==> flow/design.v <==
module my_ram_block #(
   parameter integer D = 8,
   parameter integer NBITS = 32,
   parameter integer NR = 1,
   parameter integer WPORTS = 2,
   parameter integer ABITS = $clog2(D)
) (
   input logic clk_i,
   input logic [WPORTS-1:0] wen,
   input logic [WPORTS*ABITS-1:0] wr_idx,
   input logic [WPORTS*NBITS-1:0] wdata,
   input logic [NR*ABITS-1:0] rd_addr,
   output logic [NR*NBITS-1:0] rd
);
   logic [NBITS-1:0] gpr [D-1:0];
   always_ff @(posedge clk_i) begin
      for (int i = 0; i < WPORTS; i++)
         if (wen[i]) gpr[wr_idx[i*ABITS +: ABITS]] <= wdata[i*NBITS +: NBITS];
   end
   logic [NR*NBITS-1:0] cur;
   for (genvar jj = 0; jj < NR; jj++) begin : row
      assign cur[jj*NBITS +: NBITS] = gpr[rd_addr[jj*ABITS +: ABITS]];
   end
   assign rd = cur;
endmodule
Tool chain data of my_ram_block:

Tool output for the design above, in the order of the flow.
Lines are those of the file above, counted from 1.
Operators: Yosys type, input widths -> output width; for muxes data width and select width s.
Library cell names are shortened.
The mark - stands for no value.

* top: my_ram_block
* clock input: clk_i
* cell library: sky130hd
* corner: tt_025C_1v80

Word level:

Source: Yosys, flattened and elaborated, memories not mapped. Widths are those after wreduce; folded enables and synchronous resets count as part of the registers. Registers that Yosys merges into a memory's read port (data or address) are not register bits. Print and check cells do not count. Equal cells are merged and count once.
Yosys's memory passes give these memory sizes; they may raise the number of words (mostly to a power of two), join words into wider ones and drop unused or constant bits.

* muxes and demuxes: 6

Operators with widths (number)
* $mux 32: 2
* $mux 3: 2
* $mux 1: 2

* bits in writable memories: 256
* memories kept: 1
* elaborated cells: 7
* bits of input ports: 76
* register bits: 0

Memory list
* gpr: depth 8, bits a word 32, rd ports 1, wr ports 2, RTL line 15 `logic [NBITS-1:0] gpr [D-1:0];`

Depth:

Depth = most cells in a row (Yosys ltp): at word level without a register or memory, in the mapped netlist without a sequential cell, where the memories' decode and read muxes count.

* word-level depth: 1
* ABC_AREA: 0
* depth in mapped cells: 5
* gate-level depth less buffers: 2

Netlist:

Source: synth_stat.txt of the flow (Yosys; design flattened, memories mapped). It holds for the ABC_AREA given above (unset counts as 0); a run with the other value may have another netlist.
Totals and module areas in this step are rounded.

* buffers: 49
* mapped cells: 680
* flip-flop cells: 256
* sequential part of the area: 7690 um^2
* mapped area: 13000 um^2

Cells by type
* edfxtp_1: number 256, total area 7.69E+03 um^2
* mux2_2: number 286, total area 3.22E+03 um^2
* mux4_1: number 40, total area 1.05E+03 um^2
* mux4_2: number 24, total area 540.518 um^2
* buf_2: number 20, total area 100.096 um^2
* buf_4: number 12, total area 90.086 um^2
* buf_6: number 7, total area 78.826 um^2
* buf_1: number 8, total area 30.029 um^2
* nor4bb_1: number 3, total area 30.029 um^2
* nand4b_1: number 3, total area 26.275 um^2
* nor4b_4: number 1, total area 23.773 um^2
* mux2_1: number 2, total area 22.522 um^2
* o21ai_0: number 4, total area 20.019 um^2
* nand2b_1: number 3, total area 18.768 um^2
* a31o_2: number 2, total area 17.517 um^2
* o21bai_1: number 2, total area 15.014 um^2
* clkbuf_1: number 2, total area 7.507 um^2
* nand2_1: number 2, total area 7.507 um^2

Not listed: further types 3, cells in them 3.

Path before layout:

OpenSTA on the mapped netlist: ideal clock, no wires. The path of least setup slack (recovery checks aside). Input and output delay are each 20% of the period. Register names are those of the netlist, which keeps one name where synthesis merged equal registers.

* kind: input-to-reg
* start: in wr_idx[1]
* end: mem gpr[5][0]
* delay of the path: 2928 ps
* path slack: 728 ps
* required time: 4104 ps
* input delay: 914 ps
* launch time at the first pin: 914 ps
* stages on the path: 2
* data arrival time: 3376 ps
* period: 4570 ps
* synthesis period reached: 3842 ps

"delay of the path" = arrival - input delay + setup time.
"stages on the path" counts driving pins, that of a launching flip-flop among them; a cell with two outputs on the path counts twice.
"synthesis period reached" is the clock period less the worst setup slack; recovery checks do not enter. This is arithmetic on one report: input and output delays are still those of the set period (20% each).
The rows between start and end are the longest chain of elaborated cells between them; the timing report does not say that the signal goes this way. Where chains are equally long, one stands for them.
A line is the first line of the expression or statement that the cell stems from. Yosys adds cells for indexed reads and writes and turns some case tables into memories.

* cell sequence: nand2b_1 o21ai_0
* cells in the longest elaborated chain: 1
* elaborated cells between the ends (all ways): 1
* source lines of those cells: 1

Ends and longest elaborated chain, after synthesis
* from (decl): RTL line 10 `input logic [WPORTS*ABITS-1:0] wr_idx,`
* $mux 3: RTL line 18 `if (wen[i]) gpr[wr_idx[i*ABITS +: ABITS]] <= wdata[i*NBITS +: NBITS];`
* to (decl): RTL line 15 `logic [NBITS-1:0] gpr [D-1:0];`

Path in the finished layout:

Path of least setup slack in the final report of job 1 (OpenROAD, finished layout, wires in). Where an end is a register, its clock arrival counts in the times.
The path's times are printed in steps of 10 ps; the period is the one set.

* kind: input-to-output
* start: in rd_addr[0]
* end: out rd[27]
* path slack: 1120 ps
* required time: 3940 ps
* period: 4920 ps
* external output delay: 980 ps
* data arrival time: 2810 ps
* launch time at the first pin: 980 ps
* input delay: 980 ps
* stages on the path: 5

The rows between start and end are the longest chain of elaborated cells between them; the timing report does not say that the signal goes this way. Where chains are equally long, one stands for them.
The chain passes a memory read, where the word-level depth is cut; so it can be longer than that depth.

* cell sequence: buf_6 buf_16 mux4_1 mux2_2 clkdlybuf4s50_1
* cells in the longest elaborated chain: 1
* elaborated cells between the ends (all ways): 1
* source lines of those cells: 1

Ends and longest elaborated chain, after layout
* from (decl): RTL line 12 `input logic [NR*ABITS-1:0] rd_addr,`
* $mem_v2 8x32: RTL line 15 `logic [NBITS-1:0] gpr [D-1:0];`
* to (decl): RTL line 13 `output logic [NR*NBITS-1:0] rd`

Module my_ram_block, platform sky130hd: 3 stored runs of the flow (Yosys, OpenROAD) with differing settings, in no particular order. Input and output delays are each 20% of the period that was set; the output load is 0.01 pF.
"achieved period" means the clock period less the worst setup slack. The figure is calculated, with input and output delays left at 20% of the set period.
Results are given in rounded form.

### Job 1

==> flow/run.sh <==
#!/bin/bash
# the make line also repeats the synthesis and layout settings of config.mk as NAME=value (left out here)
make -C /OpenROAD-flow-scripts/flow DESIGN_CONFIG=/design/flow/config.mk WORK_HOME=/design/flow/orfs CLKGATE_MAP_FILE= finish
==> flow/config.mk <==
export PLATFORM = sky130hd
export DESIGN_NAME = my_ram_block
export DESIGN_NICKNAME = my_ram_block
export VERILOG_FILES = /design/flow/design.v
export SDC_FILE = /design/flow/constraint.sdc
export NUM_CORES = 4
export LEC_CHECK = 0
export CAP_MARGIN = 20
export CELL_PAD_IN_SITES_DETAIL_PLACEMENT = 0
export CELL_PAD_IN_SITES_GLOBAL_PLACEMENT = 3
export CORE_MARGIN = 7
export CORE_UTILIZATION = 15
export CTS_CLUSTER_SIZE = 77
export GPL_ROUTABILITY_DRIVEN = 1
export GPL_TIMING_DRIVEN = 1
export MAX_ROUTING_LAYER = met5
export PLACE_DENSITY_LB_ADDON = 0.24
export SETUP_SLACK_MARGIN = 1.1
export SLEW_MARGIN = 20
export TNS_END_PERCENT = 5
==> flow/constraint.sdc <==
create_clock -name core_clock -period 4.92 [get_ports {clk_i}]
set_input_delay 0.9840 -clock core_clock [delete_from_list [all_inputs] [get_ports {clk_i}]]
set_output_delay 0.9840 -clock core_clock [all_outputs]
set_load 0.01 [all_outputs]

Results of job 1:
- Chip area after synthesis (Yosys): 13000 um^2
- Total die area: 95100 um^2
- Utilization of the finished layout: 0.194
- Worst setup slack after layout: 1120 ps
- Summed negative setup slack: 0 ps
- Achieved period: 3798 ps

### Job 2

==> flow/run.sh <==
#!/bin/bash
# the make line also repeats the synthesis and layout settings of config.mk as NAME=value (left out here)
make -C /OpenROAD-flow-scripts/flow DESIGN_CONFIG=/design/flow/config.mk WORK_HOME=/design/flow/orfs CLKGATE_MAP_FILE= finish
==> flow/config.mk <==
export PLATFORM = sky130hd
export DESIGN_NAME = my_ram_block
export DESIGN_NICKNAME = my_ram_block
export VERILOG_FILES = /design/flow/design.v
export SDC_FILE = /design/flow/constraint.sdc
export NUM_CORES = 4
export LEC_CHECK = 0
export CAP_MARGIN = 20
export CORE_MARGIN = 2
export CORE_UTILIZATION = 40
export SLEW_MARGIN = 20
==> flow/constraint.sdc <==
create_clock -name core_clock -period 4.57 [get_ports {clk_i}]
set_input_delay 0.9140 -clock core_clock [delete_from_list [all_inputs] [get_ports {clk_i}]]
set_output_delay 0.9140 -clock core_clock [all_outputs]
set_load 0.01 [all_outputs]

Results of job 2:
- Chip area after synthesis (Yosys): 13000 um^2
- Total die area: 34000 um^2
- Utilization of the finished layout: 0.484
- Worst setup slack after layout: 715 ps
- Summed negative setup slack: 0 ps
- Achieved period: 3855 ps

### Job 3

==> flow/run.sh <==
#!/bin/bash
# the make line also repeats the synthesis and layout settings of config.mk as NAME=value (left out here)
make -C /OpenROAD-flow-scripts/flow DESIGN_CONFIG=/design/flow/config.mk WORK_HOME=/design/flow/orfs CLKGATE_MAP_FILE= finish
==> flow/config.mk <==
export PLATFORM = sky130hd
export DESIGN_NAME = my_ram_block
export DESIGN_NICKNAME = my_ram_block
export VERILOG_FILES = /design/flow/design.v
export SDC_FILE = /design/flow/constraint.sdc
export NUM_CORES = 4
export LEC_CHECK = 0
export CAP_MARGIN = 40
export CELL_PAD_IN_SITES_GLOBAL_PLACEMENT = 2
export CORE_MARGIN = 2
export CORE_UTILIZATION = 51
export CTS_CLUSTER_DIAMETER = 224
export CTS_CLUSTER_SIZE = 40
export GPL_ROUTABILITY_DRIVEN = 0
export HOLD_SLACK_MARGIN = 0.02
export MIN_ROUTING_LAYER = met1
export PLACE_DENSITY = 0.58
export SLEW_MARGIN = 25
export TNS_END_PERCENT = 10
==> flow/constraint.sdc <==
create_clock -name core_clock -period 3.78 [get_ports {clk_i}]
set_input_delay 0.7560 -clock core_clock [delete_from_list [all_inputs] [get_ports {clk_i}]]
set_output_delay 0.7560 -clock core_clock [all_outputs]
set_load 0.01 [all_outputs]

Results of job 3:
- Chip area after synthesis (Yosys): 13000 um^2
- Total die area: 26800 um^2
- Utilization of the finished layout: 0.597
- Worst setup slack after layout: 360 ps
- Summed negative setup slack: 0 ps
- Achieved period: 3420 ps
